==> flow/design.v <==
module mult #(
  parameter XLEN = 10,
  parameter WAYS = 3,
  parameter OUT_W = 2*XLEN + $clog2(WAYS)
) (
  input  aclk,
  input  reset,
  input  [WAYS*XLEN-1:0] lhs_i,
  input  [WAYS*XLEN-1:0] rhs_i,
  output [OUT_W-1:0] prod_o
);
  reg [WAYS*XLEN-1:0] lhs_d1;
  always @(posedge aclk or posedge reset) begin
    if (reset) begin
      lhs_d1 <= 0;
    end else begin
      lhs_d1 <= lhs_i;
    end
  end
  reg [WAYS*XLEN-1:0] rhs_d1;
  always @(posedge aclk or posedge reset) begin
    if (reset) begin
      rhs_d1 <= 0;
    end else begin
      rhs_d1 <= rhs_i;
    end
  end
  reg [OUT_W-1:0] tmp;
  integer k;
  always @* begin
    tmp = 0;
    for (k = 0; k < WAYS; k = k + 1)
      tmp = tmp + lhs_d1[k*XLEN +: XLEN] * rhs_d1[k*XLEN +: XLEN];
  end
  assign prod_o = tmp;
endmodule
### From RTL to reports: mult

Tool output for the design above, in the order of the flow.
Lines are those of the file above, counted from 1.
Operators: Yosys type, input widths -> output width; for muxes data width and select width s.
Cell names lack the library's common part.
Not given: n/a

| inputs | value |
|---|---|
| top | mult |
| clock input | aclk |
| library | sky130hd |
| timing corner | tt_025C_1v80 |

### After elaboration

Source: Yosys, flattened and elaborated, memories not mapped. Widths are those after wreduce; folded enables and synchronous resets count as part of the registers. Registers that Yosys merges into a memory's read port (data or address) are not register bits. Print and check cells do not count. Equal cells are merged and count once.

| word-level totals | value |
|---|---|
| register bits after elaboration | 60 |
| bits of input ports | 62 |
| output and inout port bits | 22 |
| word-level cells | 7 |

| operators by class | value |
|---|---|
| add/sub/neg operators | 2 |
| $mul | 3 |

Operators with widths:

| operator | number |
|---|---|
| $mul 10x10->20 | 3 |
| $add 21x20->22 | 1 |
| $add 20x20->21 | 1 |

### Longest topological paths

Longest topological path by Yosys (ltp), each cell counted once; first at word level (registers and memories cut), then after technology mapping (sequential cells cut; the memories' decode and read muxes count).

| depth | value |
|---|---|
| depth after elaboration | 3 |
| ABC_AREA | 1 |
| depth in mapped cells | 28 |
| gate-level depth less buffers | 27 |

### After synthesis

Source: synth_stat.txt of the flow (Yosys; design flattened, memories mapped). It holds for the ABC_AREA given above (unset counts as 0); a run with the other value may have another netlist.

| synthesis totals | value |
|---|---|
| cell count | 1544 |
| mapped area | 12660.9 µm² |
| sequential part of the area | 1501.4 µm² |
| flip-flop cells | 60 |

Cells by type:

| cell | number |
|---|---|
| fa_1 | 261 |
| inv_1 | 574 |
| ha_1 | 139 |
| dfrtp_1 | 60 |
| nand2_1 | 380 |
| clkbuf_1 | 60 |
| a21oi_1 | 17 |
| nand3_1 | 15 |
| xor2_1 | 8 |
| nor2_1 | 15 |
| xnor2_1 | 3 |
| nand3_2 | 2 |
| o21ai_0 | 4 |
| and2_1 | 2 |
| nor3_1 | 2 |
| o21bai_1 | 1 |
| nor2_2 | 1 |

### Worst setup path after synthesis

Path of least setup slack by OpenSTA after synthesis, without wires, with an ideal clock, recovery checks aside; 20% of the period is set as input and as output delay. Where synthesis merged equal registers, the netlist keeps one of their names.

| timing post-synthesis | value |
|---|---|
| path type | register -> output |
| start point | register lhs_d1[2] |
| end point | output port prod_o[20] |
| period | 9.57 ns |
| launch time at the first pin | 0.000 ns |
| data arrival time | 5.738 ns |
| setup slack | 1.918 ns |
| delay of the path | 5.738 ns |
| stages on the path | 25 |
| synthesis period reached | 7.652 ns |

"delay of the path" is the arrival time less input delay plus setup time.
A path that ends at an output port has no setup time.
"stages on the path": output pins that drive a net of the path, with the launching flip-flop's if there is one; two outputs of one cell count as two.
"synthesis period reached" is the clock period less the worst setup slack; recovery checks do not enter. This is arithmetic on one report: input and output delays are still those of the set period (20% each).
Between the ends stands the longest chain of elaborated cells between them, by number of cells; it is not shown to be the way that was timed. Of several equally long chains one is given.
A line is the first line of the expression or statement that the cell stems from. Yosys adds cells for indexed reads and writes and turns some case tables into memories.

| on the way, post-synthesis | value |
|---|---|
| cell sequence | dfrtp_1 > clkbuf_1 > nand2_1 > inv_1 > fa_1 > fa_1 > inv_1 > fa_1 > fa_1 > inv_1 > fa_1 > fa_1 > fa_1 > inv_1 > fa_1 > inv_1 > ha_1 > nand2_1 > nor2_1 > nand3_1 > nand3_2 > nand2_1 > nand2_1 > nand2_1 > nand2_1 |
| length of the longest elaborated chain | 3 |

Ends and longest elaborated chain, post-synthesis:

| item | RTL line | text |
|---|---|---|
| start, declared | 12 | `reg [WAYS*XLEN-1:0] lhs_d1;` |
| start, assigned | 15 | `lhs_d1 <= 0;` |
| start, assigned | 17 | `lhs_d1 <= lhs_i;` |
| $mul 10x10->20 | 33 | `tmp = tmp + lhs_d1[k*XLEN +: XLEN] * rhs_d1[k*XLEN +: XLEN];` |
| $add 20x20->21 | 33 |  |
| $add 21x20->22 | 33 |  |
| end, declared | 10 | `output [OUT_W-1:0] prod_o` |

### Worst path after layout

Path of least setup slack in the final report of run 2 (OpenROAD, finished layout, wires in). Where an end is a register, its clock arrival counts in the times.

| timing after layout | value |
|---|---|
| path type | register -> output |
| start point | register lhs_d1[15] |
| end point | output port prod_o[16] |
| period | 6.47 ns |
| launch time at the first pin | 0.37 ns |
| data arrival time | 6.49 ns |
| setup slack | -1.32 ns |
| stages on the path | 26 |

Between the ends stands the longest chain of elaborated cells between them, by number of cells; it is not shown to be the way that was timed. Of several equally long chains one is given.

| on the way, after layout | value |
|---|---|
| cell sequence | dfrtp_1 > buf_6 > nand2_2 > inv_2 > fa_1 > inv_1 > fa_1 > inv_2 > fa_1 > fa_1 > fa_1 > fa_1 > fa_1 > inv_1 > fa_1 > inv_2 > ha_4 > nand2_4 > nor2_4 > nand3_2 > nand3_4 > nand2_2 > nand2_1 > nand2_1 > nand2_2 > buf_6 |
| length of the longest elaborated chain | 3 |

Ends and longest elaborated chain, after layout:

| item | RTL line | text |
|---|---|---|
| start, declared | 12 | `reg [WAYS*XLEN-1:0] lhs_d1;` |
| start, assigned | 15 | `lhs_d1 <= 0;` |
| start, assigned | 17 | `lhs_d1 <= lhs_i;` |
| $mul 10x10->20 | 33 | `tmp = tmp + lhs_d1[k*XLEN +: XLEN] * rhs_d1[k*XLEN +: XLEN];` |
| $add 20x20->21 | 33 |  |
| $add 21x20->22 | 33 |  |
| end, declared | 10 | `output [OUT_W-1:0] prod_o` |

--- measured runs ---
Design mult on sky130hd. What follows are 3 stored runs of the flow, each under its own settings; their order means nothing. The constraints put input and output delay at 20% of the set period each and load the outputs with 0.01 pF.
"clock period reached" means the clock period less the worst setup slack. The figure is calculated, with input and output delays left at 20% of the set period.
"allowed time less slack (worst setup path)" = time allowed to the worst setup path (clock period - input delay - output delay, where it has them) - its slack; a late launch clock adds to it, a late capture clock takes from it.
A setting shown as -- is not set for that run.
A result given as -- is not shown for that run.

| stored run | period_ns | CORE_UTILIZATION | PLACE_DENSITY_LB_ADDON | CORE_ASPECT_RATIO | CELL_PAD_IN_SITES_GLOBAL_PLACEMENT | CELL_PAD_IN_SITES_DETAIL_PLACEMENT | CTS_CLUSTER_SIZE | CTS_CLUSTER_DIAMETER | CAP_MARGIN | MAX_ROUTING_LAYER | CORE_MARGIN | SLEW_MARGIN | ABC_AREA | area of the standard cells in the finished layout (µm²) | area inside the die boundary (µm²) | total negative slack on setup checks (ns) | setup slack of the worst path (ns) | final worst hold slack (ns) | allowed time less slack (worst setup path) (ns) | critical path type | post-layout utilization (%) | clock period reached (ns) | synthesized cell area (µm²) |
|---|---|---|---|---|---|---|---|---|---|---|---|---|---|---|---|---|---|---|---|---|---|---|---|
| run 1 | 5.33 | 46 | 0.0 | 0.73 | 2 | 2 | 65 | 321 | 35 | met4 | 2 | 20 | -- | -- | -- | -- | -- | -- | -- | -- | -- | -- | -- |
| run 2 | 6.47 | 19 | 0.09 | -- | -- | 2 | 38 | 317 | 20 | -- | 2 | 20 | 1 | 16608.4 | 68717.4 | -19.906 | -1.318 | 1.353 | 6.49 | register -> output | 25.2 | 7.788 | 12660.9 |
| run 3 | 9.57 | 40 | -- | -- | -- | -- | -- | -- | 20 | -- | 2 | 20 | -- | 13819.5 | 31974.8 | 0.000 | 0.363 | 1.995 | 7.29 | register -> output | 45.5 | 9.207 | 12224.2 |

Run 1: incomplete, clock tree synthesis halted on DPL-0033
--- end ---
